==> flow/design.v <==
module plus_mod #(
  parameter W = 28
) (
  input  sys_clk,
  input  aresetn,
  input  [W-1:0] lhs_in,
  input  [W-1:0] rhs_in,
  output [W:0] sum_out
);
  reg [W-1:0] r_lhs;
  reg [W-1:0] r_rhs;
  always @(posedge sys_clk or negedge aresetn) begin
    if (~aresetn) begin
      r_lhs <= 0;
      r_rhs <= 0;
    end else begin
      r_lhs <= lhs_in;
      r_rhs <= rhs_in;
    end
  end
  assign sum_out = r_lhs + r_rhs;
endmodule
# --- From RTL to reports: plus_mod ---
# The steps from the RTL of plus_mod to its reports follow in flow order.
# Lines are those of the file above, counted from 1.
inputs:
  top: "plus_mod"
  clk_port: "sys_clk"
  library: "sky130hd"
  corner: "tt_025C_1v80"

# --- Word level ---
# Source: Yosys, flattened and elaborated, memories not mapped. Widths are those after wreduce; folded enables and synchronous resets count as part of the registers. Registers that Yosys merges into a memory's read port (data or address) are not register bits. Print and check cells do not count. Equal cells are merged and count once.
word_totals:
  input_bits: 58
  ff_bits: 56
  output_inout_bits: 29
  wordCells: 3
classes:
  n_addsub: 1
ops:
  columns: ["op", "count"]
  rows:
  - ["28-bit by 28-bit adder with 29-bit output", 1]

# --- Depth ---
# Longest topological path by Yosys (ltp), each cell counted once; first at word level (registers and memories cut), then after technology mapping (sequential cells cut; the memories' decode and read muxes count).
logic_depth:
  depth_word: 1
  abc_area: 1
  mapped_depth: 11
  depth_no_buf: 11

# --- Mapped cells and area ---
# Yosys stat after the flow's synthesis: flattened, memories mapped to cells. It holds for the ABC_AREA given above (unset counts as 0); a run with the other value may have another netlist.
by_type:
  columns: ["cell_type", "count", "area_total_um2"]
  rows:
  - ["sky130_fd_sc_hd__dfrtp_1", 56, 1.4E+03]
  - ["sky130_fd_sc_hd__nand2_1", 176, 660.634]
  - ["sky130_fd_sc_hd__ha_1", 28, 350.336]
  - ["sky130_fd_sc_hd__inv_1", 83, 311.549]
  - ["sky130_fd_sc_hd__nand3_1", 25, 125.12]
  - ["sky130_fd_sc_hd__nor2_1", 30, 112.608]
  - ["sky130_fd_sc_hd__xor2_1", 12, 105.101]
  - ["sky130_fd_sc_hd__a21oi_1", 20, 100.096]
  - ["sky130_fd_sc_hd__nand2_2", 7, 43.792]
  - ["sky130_fd_sc_hd__nor2_2", 7, 43.792]
  - ["sky130_fd_sc_hd__nand3_2", 4, 40.038]
  - ["sky130_fd_sc_hd__nand4_1", 6, 37.536]
  - ["sky130_fd_sc_hd__nor3_2", 3, 30.029]
  - ["sky130_fd_sc_hd__xnor2_1", 3, 26.275]
  - ["sky130_fd_sc_hd__fa_1", 1, 20.019]
  - ["sky130_fd_sc_hd__and2_1", 2, 12.512]
  - ["sky130_fd_sc_hd__a21o_1", 1, 7.507]
  - ["sky130_fd_sc_hd__o21a_1", 1, 7.507]
# Other cell types: 5; their cells: 5.
mapped:
  stdcells: 470
  flip_flops: 56
  synth_area_um2: 3463.3
  seqArea_um2: 1401.3
  buf_cells: 0

# --- Timing after synthesis ---
# Path of least setup slack by OpenSTA after synthesis, without wires, with an ideal clock, recovery checks aside; 20% of the period is set as input and as output delay. Where synthesis merged equal registers, the netlist keeps one of their names.
synth_timing:
  path_kind: "reg-to-output"
  startpoint: "reg r_lhs[0]"
  endpoint: "out sum_out[16]"
  delay_ns: 1.626
  required_time_ns: 2.920
  n_path_buf: 0
  clock_period_ns: 3.65
  t_first_pin_ns: 0.000
  out_delay_ns: 0.730
  driving_pins: 9
  setup_slack_ns: 1.294
  arrival_time_ns: 1.626
  period_less_setup_slack_ns: 2.356
# "delay_ns" = arrival - input delay + setup time.
# At an output port there is no setup time.
# "driving_pins" counts driving pins, that of a launching flip-flop among them; a cell with two outputs on the path counts twice.
# "period_less_setup_slack_ns" is the clock period less the worst setup slack; recovery checks do not enter. This is arithmetic on one report: input and output delays are still those of the set period (20% each).
# Between the ends stands the longest chain of elaborated cells between them, by number of cells; it is not shown to be the way that was timed. Of several equally long chains one is given.
# Each line given opens the expression or statement behind the cell; cells for indexed reads and writes are added by Yosys, which also makes memories of some case tables.
synth_via:
  path_cell_list: "sky130_fd_sc_hd__dfrtp_1 -> sky130_fd_sc_hd__ha_1 -> sky130_fd_sc_hd__fa_1 -> sky130_fd_sc_hd__nand2_1 -> sky130_fd_sc_hd__nand3_1 -> sky130_fd_sc_hd__nand3_1 -> sky130_fd_sc_hd__nand2_1 -> sky130_fd_sc_hd__a21oi_1 -> sky130_fd_sc_hd__xnor2_1"
  elab_chain_cells: 1
  cells_between: 1
  lines_between: 1
  cone_classes: "1 x add/sub"
synth_lines:
  columns: ["item", "line_no", "source"]
  rows:
  - ["start, declared", 10, "reg [W-1:0] r_lhs;"]
  - ["start, assigned", 14, "r_lhs <= 0;"]
  - ["start, assigned", 17, "r_lhs <= lhs_in;"]
  - ["28-bit by 28-bit adder with 29-bit output", 21, "assign sum_out = r_lhs + r_rhs;"]
  - ["end, declared", 8, "output [W:0] sum_out"]

# --- Worst path after layout ---
# From the final timing report of run 1: the path of least setup slack in the routed layout; clock arrival at registers is part of the times.
layout_timing:
  path_kind: "reg-to-output"
  startpoint: "reg r_lhs[0]"
  endpoint: "out sum_out[12]"
  setup_slack_ns: 1.21
  required_time_ns: 3.92
  n_path_buf: 1
  driving_pins: 10
  out_delay_ns: 0.98
  arrival_time_ns: 2.71
  t_first_pin_ns: 0.31
  clock_period_ns: 4.9
# Between the ends stands the longest chain of elaborated cells between them, by number of cells; it is not shown to be the way that was timed. Of several equally long chains one is given.
layout_via:
  path_cell_list: "sky130_fd_sc_hd__dfrtp_1 -> sky130_fd_sc_hd__ha_1 -> sky130_fd_sc_hd__fa_2 -> sky130_fd_sc_hd__nand2_1 -> sky130_fd_sc_hd__nand3_1 -> sky130_fd_sc_hd__nand3_1 -> sky130_fd_sc_hd__nand2_1 -> sky130_fd_sc_hd__a21oi_2 -> sky130_fd_sc_hd__xnor2_1 -> sky130_fd_sc_hd__clkdlybuf4s50_1"
  elab_chain_cells: 1
  cells_between: 1
  lines_between: 1
  cone_classes: "1 x add/sub"
layout_lines:
  columns: ["item", "line_no", "source"]
  rows:
  - ["start, declared", 10, "reg [W-1:0] r_lhs;"]
  - ["start, assigned", 14, "r_lhs <= 0;"]
  - ["start, assigned", 17, "r_lhs <= lhs_in;"]
  - ["28-bit by 28-bit adder with 29-bit output", 21, "assign sum_out = r_lhs + r_rhs;"]
  - ["end, declared", 8, "output [W:0] sum_out"]

# Module plus_mod, platform sky130hd: 3 stored runs of the flow (Yosys, OpenROAD) with differing settings, in no particular order. Input and output delays are each 20% of the period that was set; the output load is 0.01 pF.
# "worst_path_time_ns" means the part of the period allowed to the worst setup path (the constraints hold back 20% at inputs and 20% at outputs) less its slack; where the path has registers, the arrival times of their clocks count too.
runs:
  - name: "run 1"
    settings:
      period_ns: 4.9
      CORE_UTILIZATION: 67
      SETUP_SLACK_MARGIN: 1.0
      PLACE_DENSITY_LB_ADDON: 0.11
      CELL_PAD_IN_SITES_GLOBAL_PLACEMENT: 0
      CELL_PAD_IN_SITES_DETAIL_PLACEMENT: 0
      TNS_END_PERCENT: 5
      ABC_AREA: 1
      SLEW_MARGIN: 35
      CAP_MARGIN: 20
      CORE_MARGIN: 2
    results:
      design_die_area_um2: 5760.1
      synth_area_um2: 3463.3
      post_route_util_frac: 0.896
      worst_path_time_ns: 2.71
      worstPathKind: "reg-to-output"
      worst_setup_slack_ns: 1.205
      fin_tns_ns: 0.000
  - name: "run 2"
    settings:
      period_ns: 3.65
      CAP_MARGIN: 20
      CORE_MARGIN: 2
      CORE_UTILIZATION: 40
      SLEW_MARGIN: 20
    results:
      worst_path_time_ns: 2.81
      worstPathKind: "reg-to-output"
      design_die_area_um2: 7754.6
      fin_tns_ns: 0.000
      synth_area_um2: 2826.5
      worst_setup_slack_ns: 0.107
      post_route_util_frac: 0.617
  - name: "run 3"
    settings:
      period_ns: 3.23
      CORE_UTILIZATION: 64
      SETUP_SLACK_MARGIN: 0.32
      PLACE_DENSITY_LB_ADDON: 0.19
      CELL_PAD_IN_SITES_GLOBAL_PLACEMENT: 1
      GPL_TIMING_DRIVEN: 0
      CAP_MARGIN: 40
      SLEW_MARGIN: 40
      CORE_MARGIN: 2
    outcome: "unfinished; error FLW-0024 in placement"
